==> flow/design.v <==
module gen_mag_cmp #(
    parameter int DATA_W = 40,
    parameter int COUNT = 7
) (
    input logic clk,
    input logic aresetn,
    input logic [COUNT*DATA_W-1:0] src,
    output logic [DATA_W-1:0] hi
);
    logic [COUNT*DATA_W-1:0] src_ff;
    always_ff @(posedge clk or negedge aresetn) begin
        if (!aresetn) begin
            src_ff <= '0;
        end else begin
            src_ff <= src;
        end
    end
    wire [DATA_W-1:0] tree [1:2*COUNT-1];
    for (genvar g = 0; g < COUNT; g++) begin : g_bit
        assign tree[COUNT+g] = src_ff[g*DATA_W +: DATA_W];
    end
    for (genvar g = 1; g < COUNT; g++) begin : u_g
        assign tree[g] = (tree[2*g] > tree[2*g+1]) ? tree[2*g] : tree[2*g+1];
    end
    logic [DATA_W-1:0] hi_ff;
    always_ff @(posedge clk or negedge aresetn) begin
        if (!aresetn) begin
            hi_ff <= '0;
        end else begin
            hi_ff <= tree[1];
        end
    end
    assign hi = hi_ff;
endmodule
==> From RTL to reports: gen_mag_cmp <==
Tool output for the design above, in the order of the flow.
Line numbers count from 1 in the design file above.
Operators: Yosys type, input widths -> output width; for muxes data width and select width s.
{ "inputs": {"top_module": "gen_mag_cmp", "clock_port": "clk", "lib": "sky130hd", "lib_corner": "tt_025C_1v80"} }

==> Word-level counts <==
Yosys after proc, flatten, opt, wreduce and memory -nomap, before mapping. Enables and synchronous resets that opt folds into registers are not counted as muxes. Print and check cells are not counted. Equal cells are merged and count once.
{ "bits": {"regBits": 320, "in_bits": 282, "out_inout_bits": 40, "word_cells": 14} }
{ "classes": {"cmp": 6, "mux": 6} }
{ "op_table": {"columns": ["operator", "n"], "rows": [
  ["$gt 40x40->1", 6],
  ["$mux 40", 6]
]} }

==> Logic depth <==
Yosys ltp: most cells in a row. Word level: on the elaborated netlist, between registers, memories and ports. Mapped: between sequential cells and ports; inverters and the memories' decode and read muxes count.
{ "logic_depth": {"depth_word": 6, "ABC_AREA": 0, "mapped_depth": 33} }

==> Synthesis result <==
The flow's flattened synthesis, as Yosys stat reports it; memories are mapped. The netlist is that of the ABC_AREA named above (0 if unset); the other value can give another one.
{ "synth_totals": {"cell_count": 1442, "synth_area_um2": 17070.1, "sequential_area_um2": 8007.7, "flip_flops": 320, "n_buf": 25} }
{ "types": {"columns": ["type", "n"], "rows": [
  ["sky130_fd_sc_hd__dfrtp_1", 320],
  ["sky130_fd_sc_hd__ha_1", 240],
  ["sky130_fd_sc_hd__mux2i_1", 139],
  ["sky130_fd_sc_hd__inv_1", 240],
  ["sky130_fd_sc_hd__mux2_4", 39],
  ["sky130_fd_sc_hd__a21oi_1", 96],
  ["sky130_fd_sc_hd__mux2_2", 40],
  ["sky130_fd_sc_hd__mux2i_4", 20],
  ["sky130_fd_sc_hd__nand4_1", 47],
  ["sky130_fd_sc_hd__a21o_1", 29],
  ["sky130_fd_sc_hd__nand2_1", 53],
  ["sky130_fd_sc_hd__nand3_1", 20],
  ["sky130_fd_sc_hd__o21ai_0", 18],
  ["sky130_fd_sc_hd__nor2_1", 20],
  ["sky130_fd_sc_hd__and4_1", 8],
  ["sky130_fd_sc_hd__o21ai_1", 14],
  ["sky130_fd_sc_hd__buf_4", 8],
  ["sky130_fd_sc_hd__nor4_1", 9]
]} }
Not listed: further types 31, cells in them 82.

==> Worst setup path after synthesis <==
Path of least setup slack by OpenSTA after synthesis, without wires, with an ideal clock, recovery checks aside; 20% of the period is set as input and as output delay. Where synthesis merged equal registers, the netlist keeps one of their names.
{ "synth_path": {"path_type": "flip-flop to flip-flop", "from": "reg src_ff[238]", "to": "reg hi_ff[10]", "period_ns": 8.27, "setup_time_ns": 0.081, "t_first_pin_ns": 0.000, "t_arrival_ns": 6.532, "required_time_ns": 8.189, "slack_ns": 1.657, "delay_ns": 6.613, "stages": 29, "synth_period_reached_ns": 6.613} }
"delay_ns" = arrival - input delay + setup time.
"stages" counts driving pins, that of a launching flip-flop among them; a cell with two outputs on the path counts twice.
"synth_period_reached_ns" is the clock period less the worst setup slack; recovery checks do not enter. This is arithmetic on one report: input and output delays are still those of the set period (20% each).
Between the ends stands the longest chain of elaborated cells between them, by number of cells; it is not shown to be the way that was timed. Of several equally long chains one is given.
Each line given opens the expression or statement behind the cell; cells for indexed reads and writes are added by Yosys, which also makes memories of some case tables.
{ "synth_via": {"cell_sequence": "sky130_fd_sc_hd__dfrtp_1 sky130_fd_sc_hd__ha_1 sky130_fd_sc_hd__a21oi_1 sky130_fd_sc_hd__nand2_1 sky130_fd_sc_hd__a221oi_2 sky130_fd_sc_hd__o211ai_1 sky130_fd_sc_hd__or4_1 sky130_fd_sc_hd__o211a_2 sky130_fd_sc_hd__buf_4 sky130_fd_sc_hd__mux2_4 sky130_fd_sc_hd__ha_1 sky130_fd_sc_hd__nor2b_1 sky130_fd_sc_hd__o211a_1 sky130_fd_sc_hd__a2111oi_0 sky130_fd_sc_hd__o31ai_1 sky130_fd_sc_hd__a211o_1 sky130_fd_sc_hd__o21ba_1 sky130_fd_sc_hd__clkbuf_1 sky130_fd_sc_hd__buf_2 sky130_fd_sc_hd__mux2i_4 sky130_fd_sc_hd__ha_1 sky130_fd_sc_hd__nand4_1 sky130_fd_sc_hd__or3_1 sky130_fd_sc_hd__o221ai_1 sky130_fd_sc_hd__nand2_1 sky130_fd_sc_hd__a31oi_1 sky130_fd_sc_hd__a2bb2oi_1 sky130_fd_sc_hd__clkbuf_1 sky130_fd_sc_hd__mux2i_1", "elab_chain_cells": 6, "cone_cells": 6} }
{ "synth_rtl": {"columns": ["element", "line", "source"], "rows": [
  ["start, declared", 10, "logic [COUNT*DATA_W-1:0] src_ff;"],
  ["start, assigned", 13, "src_ff <= '0;"],
  ["start, assigned", 15, "src_ff <= src;"],
  ["$gt 40x40->1", 23, "assign tree[g] = (tree[2*g] > tree[2*g+1]) ? tree[2*g] : tree[2*g+1];"],
  ["$mux 40", 23, null],
  ["$gt 40x40->1", 23, null],
  ["$mux 40", 23, null],
  ["$gt 40x40->1", 23, null],
  ["$mux 40", 23, null],
  ["end, assigned", 28, "hi_ff <= '0;"],
  ["end, assigned", 30, "hi_ff <= tree[1];"],
  ["end, declared", 25, "logic [DATA_W-1:0] hi_ff;"]
]} }

==> Path in the finished layout <==
Path of least setup slack in the final report of flow run 1 (OpenROAD, finished layout, wires in). Where an end is a register, its clock arrival counts in the times.
{ "layout_path": {"path_type": "flip-flop to flip-flop", "from": "reg src_ff[278]", "to": "reg hi_ff[0]", "period_ns": 8.7, "setup_time_ns": 0.11, "t_first_pin_ns": 0.51, "t_arrival_ns": 8.40, "required_time_ns": 9.11, "slack_ns": 0.71, "stages": 27} }
Between the ends stands the longest chain of elaborated cells between them, by number of cells; it is not shown to be the way that was timed. Of several equally long chains one is given.
{ "layout_via": {"cell_sequence": "sky130_fd_sc_hd__dfrtp_1 sky130_fd_sc_hd__inv_1 sky130_fd_sc_hd__ha_1 sky130_fd_sc_hd__nand4_1 sky130_fd_sc_hd__nor3_1 sky130_fd_sc_hd__nand2_1 sky130_fd_sc_hd__o211ai_1 sky130_fd_sc_hd__or4_1 sky130_fd_sc_hd__o211a_2 sky130_fd_sc_hd__buf_4 sky130_fd_sc_hd__mux2_4 sky130_fd_sc_hd__ha_1 sky130_fd_sc_hd__nand4_1 sky130_fd_sc_hd__nor4_1 sky130_fd_sc_hd__a211o_1 sky130_fd_sc_hd__o21ba_4 sky130_fd_sc_hd__buf_4 sky130_fd_sc_hd__mux2i_1 sky130_fd_sc_hd__ha_1 sky130_fd_sc_hd__nand4_1 sky130_fd_sc_hd__nor4_1 sky130_fd_sc_hd__buf_4 sky130_fd_sc_hd__nand2_1 sky130_fd_sc_hd__a31oi_1 sky130_fd_sc_hd__a2bb2oi_4 sky130_fd_sc_hd__buf_4 sky130_fd_sc_hd__mux2_2", "elab_chain_cells": 6, "cone_cells": 6} }
{ "layout_rtl": {"columns": ["element", "line", "source"], "rows": [
  ["start, declared", 10, "logic [COUNT*DATA_W-1:0] src_ff;"],
  ["start, assigned", 13, "src_ff <= '0;"],
  ["start, assigned", 15, "src_ff <= src;"],
  ["$gt 40x40->1", 23, "assign tree[g] = (tree[2*g] > tree[2*g+1]) ? tree[2*g] : tree[2*g+1];"],
  ["$mux 40", 23, null],
  ["$gt 40x40->1", 23, null],
  ["$mux 40", 23, null],
  ["$gt 40x40->1", 23, null],
  ["$mux 40", 23, null],
  ["end, assigned", 28, "hi_ff <= '0;"],
  ["end, assigned", 30, "hi_ff <= tree[1];"],
  ["end, declared", 25, "logic [DATA_W-1:0] hi_ff;"]
]} }

# Flow runs of gen_mag_cmp

Design gen_mag_cmp on sky130hd. What follows are 3 stored runs of the flow, each under its own settings; their order means nothing. The constraints put input and output delay at 20% of the set period each and load the outputs with 0.01 pF.
"achieved_period_ns" = clock period - worst setup slack. The figure is calculated, with input and output delays left at 20% of the set period.
[
  {
    "run": "flow run 1",
    "settings": { "period_ns": 8.7, "CORE_UTILIZATION": 52, "SETUP_SLACK_MARGIN": 0.11, "PLACE_DENSITY_LB_ADDON": 0.15, "HOLD_SLACK_MARGIN": -0.05, "CTS_CLUSTER_SIZE": 27, "MIN_ROUTING_LAYER": "met1", "MAX_ROUTING_LAYER": "met4", "CAP_MARGIN": 20, "CORE_MARGIN": 2, "SLEW_MARGIN": 20 },
    "results": { "synth_area_um2": 17070.1, "die_area_um2": 34291.6, "final_cell_area_um2": 22087.4, "util_frac": 0.681, "fin_ws_ns": 0.707, "tns_setup_ns": 0.000, "achieved_period_ns": 7.993 }
  },
  {
    "run": "flow run 2",
    "settings": { "period_ns": 5.89, "CORE_UTILIZATION": 38, "SETUP_SLACK_MARGIN": 0.23, "TNS_END_PERCENT": 10, "CTS_CLUSTER_SIZE": 18, "CAP_MARGIN": 20, "CORE_MARGIN": 2, "SLEW_MARGIN": 20 },
    "results": { "synth_area_um2": 17070.1, "die_area_um2": 46632.2, "final_cell_area_um2": 25866.1, "util_frac": 0.584, "fin_ws_ns": -0.673, "tns_setup_ns": -25.887, "achieved_period_ns": 6.563 }
  },
  {
    "run": "flow run 3",
    "settings": { "period_ns": 8.27, "CAP_MARGIN": 20, "CORE_MARGIN": 2, "CORE_UTILIZATION": 40, "SLEW_MARGIN": 20 },
    "results": { "synth_area_um2": 17070.1, "die_area_um2": 44343.9, "final_cell_area_um2": 22307.6, "util_frac": 0.531, "fin_ws_ns": 0.783, "tns_setup_ns": 0.000, "achieved_period_ns": 7.487 }
  }
]
